==> flow/design.v <==
module word #(parameter N = 8) (
  input wire clk,
  input wire en,
  input wire [N-1:0] d,
  output reg [N-1:0] q
);
  always @(posedge clk)
    if (en) q <= d;
endmodule
module dp_mem_blk #(
  parameter DEPTH = 128,
  parameter NBITS = 6,
  parameter RP = 3,
  parameter ABITS = $clog2(DEPTH)
) (
  input  wire core_clk,
  input  wire rst_i,
  input  wire wr_en,
  input  wire [ABITS-1:0] write_addr,
  input  wire [NBITS-1:0] write_data,
  input  wire [RP*ABITS-1:0] read_addr,
  output reg [RP*NBITS-1:0] rd_data
);
  reg wr_en_reg;
  always @(posedge core_clk) begin
    if (rst_i) begin
      wr_en_reg <= 1'b0;
    end else begin
      wr_en_reg <= wr_en;
    end
  end
  reg [ABITS-1:0] write_addr_reg;
  always @(posedge core_clk) begin
    if (rst_i) begin
      write_addr_reg <= 0;
    end else begin
      write_addr_reg <= write_addr;
    end
  end
  reg [NBITS-1:0] write_data_reg;
  always @(posedge core_clk) begin
    if (rst_i) begin
      write_data_reg <= 0;
    end else begin
      write_data_reg <= write_data;
    end
  end
  wire [DEPTH*NBITS-1:0] bank;
  genvar g;
  generate
    for (g = 0; g < DEPTH; g = g + 1) begin : each
      word #(.N(NBITS)) u (.clk(core_clk), .en(wr_en_reg && write_addr_reg == g), .d(write_data_reg), .q(bank[g*NBITS +: NBITS]));
    end
  endgenerate
  reg [RP*ABITS-1:0] read_addr_reg;
  always @(posedge core_clk) begin
    if (rst_i) begin
      read_addr_reg <= 0;
    end else begin
      read_addr_reg <= read_addr;
    end
  end
  wire [RP*NBITS-1:0] work;
  genvar m;
  generate
    for (m = 0; m < RP; m = m + 1) begin : u_g
      assign work[m*NBITS +: NBITS] = bank[read_addr_reg[m*ABITS +: ABITS]*NBITS +: NBITS];
    end
  endgenerate
  always @(posedge core_clk) begin
    if (rst_i) begin
      rd_data <= 0;
    end else begin
      rd_data <= work;
    end
  end
endmodule
# --- Reports on dp_mem_blk ---
# Tool output for the design above, in the order of the flow.
# Lines are those of the file above, counted from 1.
# Library cell names are shortened.
inputs:
  top: "dp_mem_blk"
  clock: "core_clk"
  lib: "sky130hd"
  lib_corner: "tt_025C_1v80"

# --- Word level ---
# Source: Yosys, flattened and elaborated, memories not mapped. Widths are those after wreduce; folded enables and synchronous resets count as part of the registers. Registers that Yosys merges into a memory's read port (data or address) are not register bits. Print and check cells do not count. Equal cells are merged and count once.
bits:
  reg_bits: 821
  inputBits: 37
  output_inout_bits: 18
  word_cells: 395
op_classes:
  n_mul: 3
  equal: 127
  shifts: 3
  reduce_logical: 129
op_table:
  columns: ["operator", "n"]
  rows:
  - ["variable part select 768 x 11 -> 6 bit", 3]
  - ["== test 7 bit with constant B", 64]
  - ["== test 7 x 6 -> 1 bit with constant B", 32]
  - ["logical AND 1 bit", 128]
  - ["== test 7 x 5 -> 1 bit with constant B", 16]
  - ["== test 7 x 4 -> 1 bit with constant B", 8]
  - ["multiplier 7 x 2 -> 9 bit with constant B", 3]
  - ["== test 7 x 3 -> 1 bit with constant B", 4]
  - ["== test 7 x 2 -> 1 bit with constant B", 2]
  - ["== test 7 x 1 -> 1 bit with constant B", 1]
  - ["logical NOT 7 bit", 1]

# --- Depth ---
# Yosys ltp: most cells in a row. Word level: on the elaborated netlist, between registers, memories and ports. Mapped: between sequential cells and ports; inverters and the memories' decode and read muxes count.
depth:
  word_depth: 2
  ABC_AREA: 0
  ltp_mapped: 11
  depth_no_buf: 6

# --- Netlist ---
# The flow's flattened synthesis, as Yosys stat reports it; memories are mapped. The netlist is that of the ABC_AREA named above (0 if unset); the other value can give another one.
# Totals and module areas in this step are rounded.
types:
  columns: ["cell", "n", "type_area_um2"]
  rows:
  - ["edfxtp_1", 768, 2.31E+04]
  - ["mux4_2", 289, 6.51E+03]
  - ["mux2i_1", 583, 5.84E+03]
  - ["a22oi_1", 197, 1.48E+03]
  - ["dfxtp_1", 53, 1.06E+03]
  - ["nor2_1", 200, 750.72]
  - ["nand3_1", 93, 465.446]
  - ["o22ai_1", 70, 437.92]
  - ["buf_6", 36, 405.389]
  - ["clkbuf_1", 101, 379.114]
  - ["a21oi_1", 74, 370.355]
  - ["nor2b_1", 55, 344.08]
  - ["buf_2", 68, 340.326]
  - ["nand2_1", 88, 330.317]
  - ["buf_4", 38, 285.274]
  - ["o221ai_1", 19, 166.41]
  - ["a41oi_1", 18, 157.651]
  - ["o22a_1", 18, 157.651]
# Not listed: further types 36, cells in them 269.
mapped:
  cell_count: 3037
  yosys_area_um2: 44600
  seqArea_um2: 24100
  ffs: 821
  buf_cells: 265
# By module: a second synthesis without flattening, with its own total; a netlist apart from the flattened one above.
unflattened:
  hier_cells: 2571
  area_unflattened_um2: 43500
# Each row is one instance without its submodules.
by_module:
  columns: ["module", "n_inst", "n_cells", "mod_area_um2"]
  rows:
  - ["word #(N=6)", 128, 6, 180]
  - ["dp_mem_blk", 1, 1803, 20400]

# --- Path before layout ---
# OpenSTA on the mapped netlist: ideal clock, no wires. The path of least setup slack (recovery checks aside). Input and output delay are each 20% of the period. Register names are those of the netlist, which keeps one name where synthesis merged equal registers.
synth_path:
  path_type: "register to register"
  start: "register write_data_reg[0]"
  end: "register each[0].u.q[0]"
  period_ps: 2940
  t_first_pin_ps: 0
  t_arrival_ps: 1823
  slack_ps: 591
  path_delay_ps: 2349
  stages: 1
  n_path_buf: 0
  period_less_setup_slack_ps: 2349
# "path_delay_ps" is the arrival time less input delay plus setup time.
# "stages": output pins that drive a net of the path, with the launching flip-flop's if there is one; two outputs of one cell count as two.
# "period_less_setup_slack_ps" = period - worst setup slack (recovery checks aside). The figure is calculated, with input and output delays left at 20% of the set period.
synth_between:
  cell_sequence: "dfxtp_1"
  elab_chain_cells: 0
synth_lines:
  columns: ["item", "line", "source"]
  rows:
  - ["start, declared", 40, "reg [NBITS-1:0] write_data_reg;"]
  - ["start, assigned", 43, "write_data_reg <= 0;"]
  - ["start, assigned", 45, "write_data_reg <= write_data;"]
  - ["end, assigned", 8, "if (en) q <= d;"]
  - ["end, declared", 5, "output reg [N-1:0] q"]

# --- Timing after layout ---
# Path of least setup slack in the final report of flow run A (OpenROAD, finished layout, wires in). Where an end is a register, its clock arrival counts in the times.
# The path's times are printed in steps of 10 ps; the period is the one set.
layout_path:
  path_type: "register to register"
  start: "register read_addr_reg[0]"
  end: "register rd_data[3]"
  period_ps: 2480
  t_first_pin_ps: 690
  t_arrival_ps: 3230
  slack_ps: -140
  stages: 8
  n_path_buf: 2
# Between the ends stands the longest chain of elaborated cells between them, by number of cells; it is not shown to be the way that was timed. Of several equally long chains one is given.
# A line is the first line of the expression or statement that the cell stems from. Yosys adds cells for indexed reads and writes and turns some case tables into memories.
layout_between:
  cell_sequence: "dfxtp_4 -> buf_12 -> buf_16 -> mux4_2 -> a22oi_2 -> nand4_1 -> a21oi_4 -> o21ai_1"
  elab_chain_cells: 2
layout_lines:
  columns: ["item", "line", "source"]
  rows:
  - ["start, declared", 55, "reg [RP*ABITS-1:0] read_addr_reg;"]
  - ["start, assigned", 58, "read_addr_reg <= 0;"]
  - ["start, assigned", 60, "read_addr_reg <= read_addr;"]
  - ["multiplier 7 x 2 -> 9 bit", 67, "assign work[m*NBITS +: NBITS] = bank[read_addr_reg[m*ABITS +: ABITS]*NBITS +: NBITS];"]
  - ["variable part select 768 x 11 -> 6 bit", 67, null]
  - ["end, assigned", 72, "rd_data <= 0;"]
  - ["end, assigned", 74, "rd_data <= work;"]
  - ["end, declared", 22, "output reg [RP*NBITS-1:0] rd_data"]

# Measured data: module dp_mem_blk, platform sky130hd, 3 stored runs of the flow under differing settings, order arbitrary. Input and output delays are each 20% of the period that was set; the output load is 0.01 pF.
# "achievedPeriod_ps" is the run's clock period less its worst setup slack. It is reckoned from that one timing run; input and output delays stay at 20% of the period that was set.
# By "worst_setup_path_time_ps" is meant the share of the clock period that the worst setup path is allowed (20% is reserved at inputs, 20% at outputs), minus its slack. Clock arrival times at its registers enter into it.
# By "power_mw" is meant OpenSTA's value without simulated activity: inputs other than the clock are taken to toggle once in ten clock periods, and the tool carries that through the logic.
# "worst_setup_path_time_ps" is known to 10 ps.
# The results are shown rounded.
runs:
  - name: "flow run A"
    settings:
      period_ns: 2.48
      CORE_UTILIZATION: 32
      SETUP_SLACK_MARGIN: 0.24
      CORE_ASPECT_RATIO: 1.64
      CORE_MARGIN: 3
      CELL_PAD_IN_SITES_GLOBAL_PLACEMENT: 3
      CTS_CLUSTER_SIZE: 70
      CTS_CLUSTER_DIAMETER: 389
      MAX_ROUTING_LAYER: "met4"
      CAP_MARGIN: 20
      SLEW_MARGIN: 20
    results:
      util_frac: 0.403
      ws_setup_ps: -137
      setup_tns_ps: -391
      achievedPeriod_ps: 2617
      worst_setup_path_time_ps: 2620
      critical_path_kind: "register to register"
      design.die.area_um2: 144000
      power_mw: 25.6
      holdWs_ps: 215
      finalCellArea_um2: 55500
      post_synth_area_um2: 44600
  - name: "flow run B"
    settings:
      period_ns: 2.88
      CORE_UTILIZATION: 38
      SETUP_SLACK_MARGIN: -0.13
      PLACE_DENSITY_LB_ADDON: 0.17
      CELL_PAD_IN_SITES_DETAIL_PLACEMENT: 0
      TNS_END_PERCENT: 100
      GPL_ROUTABILITY_DRIVEN: 0
      CAP_MARGIN: 20
      MIN_ROUTING_LAYER: "met1"
      MAX_ROUTING_LAYER: "met5"
      CORE_MARGIN: 2
      SLEW_MARGIN: 20
    results:
      util_frac: 0.45
      ws_setup_ps: -150
      setup_tns_ps: -497
      achievedPeriod_ps: 3030
      worst_setup_path_time_ps: 3030
      critical_path_kind: "register to register"
      design.die.area_um2: 120000
      power_mw: 29.1
      holdWs_ps: 283
      finalCellArea_um2: 52300
      post_synth_area_um2: 44600
  - name: "flow run C"
    settings:
      period_ns: 2.94
      CAP_MARGIN: 20
      CORE_MARGIN: 2
      CORE_UTILIZATION: 40
      SLEW_MARGIN: 20
    results:
      util_frac: 0.47
      ws_setup_ps: 35
      setup_tns_ps: 0
      achievedPeriod_ps: 2905
      worst_setup_path_time_ps: 2910
      critical_path_kind: "register to register"
      design.die.area_um2: 114000
      power_mw: 28.0
      holdWs_ps: 418
      finalCellArea_um2: 51900
      post_synth_area_um2: 44600
